==> flow/design.v <==
module alu_relation (sys_clk, rstn, i_dataa, i_datab, i_datac, o_in_range);
    parameter integer NBITS = 16;
    input sys_clk;
    input rstn;
    input [NBITS-1:0] i_dataa;
    input [NBITS-1:0] i_datab;
    input [NBITS-1:0] i_datac;
    output o_in_range;
    reg [NBITS-1:0] dataa_q;
    reg [NBITS-1:0] datab_q;
    reg [NBITS-1:0] datac_q;
    assign o_in_range = (dataa_q >= datab_q) && (dataa_q <= datac_q);
    always @(posedge sys_clk) begin
        if (!rstn) begin
            dataa_q <= 0;
            datab_q <= 0;
            datac_q <= 0;
        end else begin
            dataa_q <= i_dataa;
            datab_q <= i_datab;
            datac_q <= i_datac;
        end
    end
endmodule
# Reports on alu_relation
# Tool output for the design above, in the order of the flow.
# Lines are those of the file above, counted from 1.
# Operators: Yosys type, input widths -> output width; for muxes data width and select width s.
# Library cell names are shortened.
# The mark -- stands for no value.
# design
design	alu_relation
clk_port	sys_clk
library	sky130hd
corner	tt_025C_1v80

# Elaborated design
# Source: Yosys, flattened and elaborated, memories not mapped. Widths are those after wreduce; folded enables and synchronous resets count as part of the registers. Registers that Yosys merges into a memory's read port (data or address) are not register bits. Print and check cells do not count. Equal cells are merged and count once.
# word_totals
out_inout_bits	1
ff_bits	48
# op_classes
reduce_logical	1
n_cmp	2
# op_table
op	count
$ge 16x16->1	1
$le 16x16->1	1
$logic_and 1x1->1	1

# Longest topological paths
# Depth = most cells in a row (Yosys ltp): at word level without a register or memory, in the mapped netlist without a sequential cell, where the memories' decode and read muxes count.
# logic_depth
ltp_word	2
abc_area	0
mapped_depth	7
mapped_depth_nobuf	7

# After synthesis
# Source: synth_stat.txt of the flow (Yosys; design flattened, memories mapped). It holds for the ABC_AREA given above (unset counts as 0); a run with the other value may have another netlist.
# types
type	count	area_total_um2
dfxtp_1	48	960.922
ha_1	32	400.384
and2_1	48	300.288
inv_1	32	120.115
a21oi_1	11	55.053
nand4_4	2	42.541
nand2_1	7	26.275
o21ai_0	5	25.024
clkbuf_1	5	18.768
nand4_1	3	18.768
nor2b_1	2	12.512
nor4_1	2	12.512
a2111o_1	1	11.261
nor2_1	3	11.261
nand3_1	2	10.01
o211a_1	1	10.01
o32a_1	1	10.01
a221oi_1	1	8.758
# Not listed: further types 5, cells in them 5.
# synth_totals
ffs	48
mapped_area_mm2	0.002087
stdcells	211
n_buf	5

# Worst setup path after synthesis
# Path of least setup slack by OpenSTA after synthesis, without wires, with an ideal clock, recovery checks aside; 20% of the period is set as input and as output delay. Where synthesis merged equal registers, the netlist keeps one of their names.
# synth_path
path_kind	register to output
from	register datac_q[1]
to	output port o_in_range
path_slack_ns	0.362
clock_period_ns	2.27
arrival_ns	1.454
launch_ns	0.000
stages	8
out_delay_ns	0.454
delay_ns	1.454
period_less_setup_slack_ns	1.908
# "delay_ns" = arrival - input delay + setup time.
# A path that ends at an output port has no setup time.
# "stages": output pins that drive a net of the path, with the launching flip-flop's if there is one; two outputs of one cell count as two.
# "period_less_setup_slack_ns" is the clock period less the worst setup slack; recovery checks do not enter. This is arithmetic on one report: input and output delays are still those of the set period (20% each).
# Between the ends stands the longest chain of elaborated cells between them, by number of cells; it is not shown to be the way that was timed. Of several equally long chains one is given.
# Each line given opens the expression or statement behind the cell; cells for indexed reads and writes are added by Yosys, which also makes memories of some case tables.
# synth_between
path_cell_list	dfxtp_1 > inv_1 > ha_1 > nor2b_1 > o211ai_1 > a2111o_1 > o211a_1 > o32a_1
elab_chain_len	2
# synth_lines
element	line	source
from (decl)	11	reg [NBITS-1:0] datac_q;
from (assign)	17	datac_q <= 0;
from (assign)	21	datac_q <= i_datac;
$le 16x16->1	12	assign o_in_range = (dataa_q >= datab_q) && (dataa_q <= datac_q);
$logic_and 1x1->1	12
to (decl)	8	output o_in_range;

# Path in the finished layout
# Path of least setup slack in the final report of run A (OpenROAD, finished layout, wires in). Where an end is a register, its clock arrival counts in the times.
# layout_path
path_kind	register to output
from	register datac_q[1]
to	output port o_in_range
stages	9
clock_period_ns	1.65
path_slack_ns	-0.61
arrival_ns	1.93
out_delay_ns	0.33
launch_ns	0.27
# Between the ends stands the longest chain of elaborated cells between them, by number of cells; it is not shown to be the way that was timed. Of several equally long chains one is given.
# layout_between
path_cell_list	dfxtp_2 > inv_2 > ha_4 > nor2b_2 > o211ai_1 > a2111o_1 > o211a_1 > o32a_1 > buf_2
elab_chain_len	2
# layout_lines
element	line	source
from (decl)	11	reg [NBITS-1:0] datac_q;
from (assign)	17	datac_q <= 0;
from (assign)	21	datac_q <= i_datac;
$le 16x16->1	12	assign o_in_range = (dataa_q >= datab_q) && (dataa_q <= datac_q);
$logic_and 1x1->1	12
to (decl)	8	output o_in_range;

# Measured results for alu_relation: 3 stored runs of the Yosys and OpenROAD flow on sky130hd. The settings differ; the order carries no meaning. The constraints put input and output delay at 20% of the set period each and load the outputs with 0.01 pF.
# "achievedPeriod_ns": clock period set for the run, less the worst setup slack. It is reckoned from that one timing run; input and output delays stay at 20% of the period that was set.
# "worstPathTime_ns" means the part of the period allowed to the worst setup path (the constraints hold back 20% at inputs and 20% at outputs) less its slack; where the path has registers, the arrival times of their clocks count too.
# "design_power_mw": no workload was simulated; the value follows from the tool's default switching activity.
# A setting shown as n/a is not set for that run.
setting or result,run A,run B,run C
period_ns,1.65,2.27,2.44
CORE_UTILIZATION,15,40,36
CELL_PAD_IN_SITES_DETAIL_PLACEMENT,0,n/a,2
ABC_AREA,0,n/a,n/a
GPL_ROUTABILITY_DRIVEN,1,n/a,n/a
CTS_CLUSTER_SIZE,100,n/a,23
CAP_MARGIN,5,20,20
CORE_MARGIN,2,2,2
SLEW_MARGIN,20,20,35
SETUP_SLACK_MARGIN,n/a,n/a,-0.0
PLACE_DENSITY_LB_ADDON,n/a,n/a,0.23
TNS_END_PERCENT,n/a,n/a,65
CTS_CLUSTER_DIAMETER,n/a,n/a,315
MIN_ROUTING_LAYER,n/a,n/a,met2
MAX_ROUTING_LAYER,n/a,n/a,met4
synthArea_mm2,0.002087,0.002087,0.002087
total_die_area_mm2,0.014873,0.005811,0.0064224
cell_area_final_mm2,0.0030955,0.0029053,0.0029253
fin_util_pct,22.6,57.2,52.8
fin_ws_ns,-0.612,-0.132,-0.267
setup_tns_ns,-0.612,-0.132,-0.267
worst_hold_slack_ns,0.619,0.715,0.735
design_power_mw,2.663,1.715,1.717
achievedPeriod_ns,2.262,2.402,2.707
worstPathTime_ns,1.93,1.95,2.22
timing.worst_path_kind,register to output,register to output,register to output
